==> flow/design.v <==
module cpu_mplex_mod #(
  parameter integer DWIDTH = 3,
  parameter integer COUNT = 32,
  parameter integer LOGN = $clog2(COUNT)
) (
  input logic sys_clk,
  input logic ce,
  input logic [COUNT*DWIDTH-1:0] din,
  input logic [LOGN-1:0] idx,
  output logic [DWIDTH-1:0] result
);
  always_ff @(posedge sys_clk) begin
    if (ce) begin
      result <= din[idx*DWIDTH +: DWIDTH];
    end
  end
endmodule
## Step by step through the tools: cpu_mplex_mod

Tool output for the design above, in the order of the flow.
Lines are those of the file above, counted from 1.
Operators carry their Yosys type and port widths (W data, S select, Z words).
The mark - stands for no value.

| inputs | value |
|---|---|
| top module | cpu_mplex_mod |
| clock port | sys_clk |
| standard-cell library | sky130hd |
| timing corner | tt_025C_1v80 |

## After elaboration

Source: Yosys, flattened and elaborated, memories not mapped. Widths are those after wreduce; folded enables and synchronous resets count as part of the registers. Registers that Yosys merges into a memory's read port (data or address) are not register bits. Print and check cells do not count. Equal cells are merged and count once.

| operators by class | value |
|---|---|
| add/sub/neg operators | 0 |
| $mul | 1 |
| divide/modulo/power cells | 0 |
| $lt $le $gt $ge | 0 |
| equality and inequality tests | 0 |
| shifts and indexed selects | 1 |
| muxes and demuxes | 0 |
| bitwise operators | 0 |
| reductions and logical operators | 0 |

Operators with widths:

| operator | count |
|---|---|
| $shiftx A96 B8 Y3 | 1 |
| $mul A5 B2 Y7 const B | 1 |

| word-level totals | value |
|---|---|
| bits in registers | 3 |
| bits in latches | 0 |
| memory bits (writable) | 0 |
| bits in read-only memories | 0 |
| word width x clocked read ports | 0 |
| memories kept | 0 |
| input port bits | 103 |
| output and inout port bits | 3 |
| elaborated cells | 3 |

## Longest topological paths

Yosys ltp: most cells in a row. Word level: on the elaborated netlist, between registers, memories and ports. Mapped: between sequential cells and ports; inverters and the memories' decode and read muxes count.

| logic depth | value |
|---|---|
| word-level depth | 2 |
| ABC_AREA | 0 |
| depth in mapped cells | 5 |
| mapped depth without buffers | 3 |

## Netlist

Yosys stat after the flow's synthesis: flattened, memories mapped to cells. It holds for the ABC_AREA given above (unset counts as 0); a run with the other value may have another netlist.

Cells by type:

| cell type | count | area in all (sq um) |
|---|---|---|
| sky130_fd_sc_hd__mux4_2 | 30 | 675.648 |
| sky130_fd_sc_hd__edfxtp_1 | 3 | 90.086 |
| sky130_fd_sc_hd__mux2_2 | 3 | 33.782 |
| sky130_fd_sc_hd__buf_6 | 2 | 22.522 |
| sky130_fd_sc_hd__clkbuf_1 | 3 | 11.261 |
| sky130_fd_sc_hd__buf_4 | 1 | 7.507 |
| sky130_fd_sc_hd__buf_1 | 1 | 3.754 |

| synthesis totals | value |
|---|---|
| cells in the netlist | 43 |
| cell area after synthesis | 844.6 sq um |
| sequential part of the area | 90.1 sq um |
| flip-flop cells | 3 |
| buffer cells | 7 |

## Worst setup path after synthesis

Path of least setup slack by OpenSTA after synthesis, without wires, with an ideal clock, recovery checks aside; 20% of the period is set as input and as output delay. Where synthesis merged equal registers, the netlist keeps one of their names.

| path post-synthesis | value |
|---|---|
| kind | in2reg |
| start | in idx[2] |
| end | reg result[0] |
| period | 2,910 ps |
| input delay | 582 ps |
| setup time | 260 ps |
| launch time at the first pin | 582 ps |
| data arrival time | 2,184 ps |
| data required time | 2,650 ps |
| slack | 466 ps |
| path delay | 1,862 ps |
| driving pins on the path | 5 |
| buffers on the path | 2 |
| synthesis period reached | 2,444 ps |

"path delay" is the arrival time less input delay plus setup time.
"driving pins on the path" counts driving pins, that of a launching flip-flop among them; a cell with two outputs on the path counts twice.
"synthesis period reached" is the clock period less the worst setup slack; recovery checks do not enter. This is arithmetic on one report: input and output delays are still those of the set period (20% each).
Between the ends stands the longest chain of elaborated cells between them, by number of cells; it is not shown to be the way that was timed. Of several equally long chains one is given.
A line is the first line of the expression or statement that the cell stems from. Yosys adds cells for indexed reads and writes and turns some case tables into memories.

| on the way, post-synthesis | value |
|---|---|
| cell sequence | sky130_fd_sc_hd__clkbuf_1 sky130_fd_sc_hd__clkbuf_1 sky130_fd_sc_hd__mux4_2 sky130_fd_sc_hd__mux4_2 sky130_fd_sc_hd__mux2_2 |
| cells in the longest elaborated chain | 2 |
| elaborated cells between the ends (all ways) | 2 |
| source lines of those cells | 1 |
| those cells by class | mul: 1; shift: 1 |

RTL lines, path post-synthesis:

| what | RTL line | text |
|---|---|---|
| from (decl) | 9 | `input logic [LOGN-1:0] idx,` |
| $mul A5 B2 Y7 | 14 | `result <= din[idx*DWIDTH +: DWIDTH];` |
| $shiftx A96 B8 Y3 | 14 |  |
| to (assign) | 14 |  |
| to (decl) | 10 | `output logic [DWIDTH-1:0] result` |

## Worst path after layout

Path of least setup slack in the final report of entry C (OpenROAD, finished layout, wires in). Where an end is a register, its clock arrival counts in the times.
The report prints the path's times to 10 ps; the period is as set.

| path after layout | value |
|---|---|
| kind | in2reg |
| start | in idx[0] |
| end | reg result[1] |
| period | 1,890 ps |
| input delay | 380 ps |
| setup time | 250 ps |
| launch time at the first pin | 380 ps |
| data arrival time | 1,920 ps |
| data required time | 1,880 ps |
| slack | -40 ps |
| driving pins on the path | 5 |
| buffers on the path | 2 |

Between the ends stands the longest chain of elaborated cells between them, by number of cells; it is not shown to be the way that was timed. Of several equally long chains one is given.

| on the way, after layout | value |
|---|---|
| cell sequence | sky130_fd_sc_hd__buf_16 sky130_fd_sc_hd__buf_12 sky130_fd_sc_hd__mux4_2 sky130_fd_sc_hd__mux4_2 sky130_fd_sc_hd__mux2_4 |
| cells in the longest elaborated chain | 2 |
| elaborated cells between the ends (all ways) | 2 |
| source lines of those cells | 1 |
| those cells by class | mul: 1; shift: 1 |

RTL lines, path after layout:

| what | RTL line | text |
|---|---|---|
| from (decl) | 9 | `input logic [LOGN-1:0] idx,` |
| $mul A5 B2 Y7 | 14 | `result <= din[idx*DWIDTH +: DWIDTH];` |
| $shiftx A96 B8 Y3 | 14 |  |
| to (assign) | 14 |  |
| to (decl) | 10 | `output logic [DWIDTH-1:0] result` |

3 stored runs of cpu_mplex_mod in the flow (synthesis by Yosys, layout by OpenROAD, sky130hd cells), in arbitrary order. Constraints: input delay and output delay 20% of the set period each, output load 0.01 pF.
By "clock period reached" is meant the clock period of the run minus its worst setup slack. This is arithmetic on one report: input and output delays are still those of the set period (20% each).
"time on the worst setup path" is the time allowed to the run's worst setup path (the clock period less input and output delay, where it has them) less its slack. Clock arrival times count: a late capture clock shortens it, a late launch clock lengthens it.
"total power of the final layout": no workload was simulated; the value follows from the tool's default switching activity.
"time on the worst setup path" is known to 10 ps.

#### Entry A

| setting | value |
|---|---|
| period_ns | `2.68` |
| CORE_UTILIZATION | `45` |
| PLACE_DENSITY | `0.73` |
| CORE_MARGIN | `10` |
| GPL_ROUTABILITY_DRIVEN | `1` |
| MIN_ROUTING_LAYER | `met2` |
| CAP_MARGIN | `20` |
| SLEW_MARGIN | `20` |

Not finished: placement ended with error GPL-0301.

#### Entry B

| setting | value |
|---|---|
| period_ns | `2.91` |
| CAP_MARGIN | `20` |
| CORE_MARGIN | `2` |
| CORE_UTILIZATION | `40` |
| SLEW_MARGIN | `20` |

Not finished: placement ended with error GPL-0301.

#### Entry C

| setting | value |
|---|---|
| period_ns | `1.89` |
| CORE_UTILIZATION | `32` |
| PLACE_DENSITY_LB_ADDON | `0.28` |
| CORE_ASPECT_RATIO | `0.78` |
| GPL_TIMING_DRIVEN | `0` |
| GPL_ROUTABILITY_DRIVEN | `0` |
| CTS_CLUSTER_SIZE | `26` |
| SLEW_MARGIN | `15` |
| CAP_MARGIN | `20` |
| CORE_MARGIN | `2` |

| result | value |
|---|---|
| clock period reached | 1,928 ps |
| die outline area | 3,069.3 sq um |
| total negative slack on setup checks | -44 ps |
| total power of the final layout | 0.5949 mW |
| setup slack of the worst path | -38 ps |
| mapped cell area after synthesis | 844.6 sq um |
| utilization in the final report | 78.5 % |
| standard-cell area after routing | 1,964.4 sq um |
| time on the worst setup path | 1,550 ps |
| kind of the worst setup path | in2reg |
| worst hold slack in the final report | 803 ps |
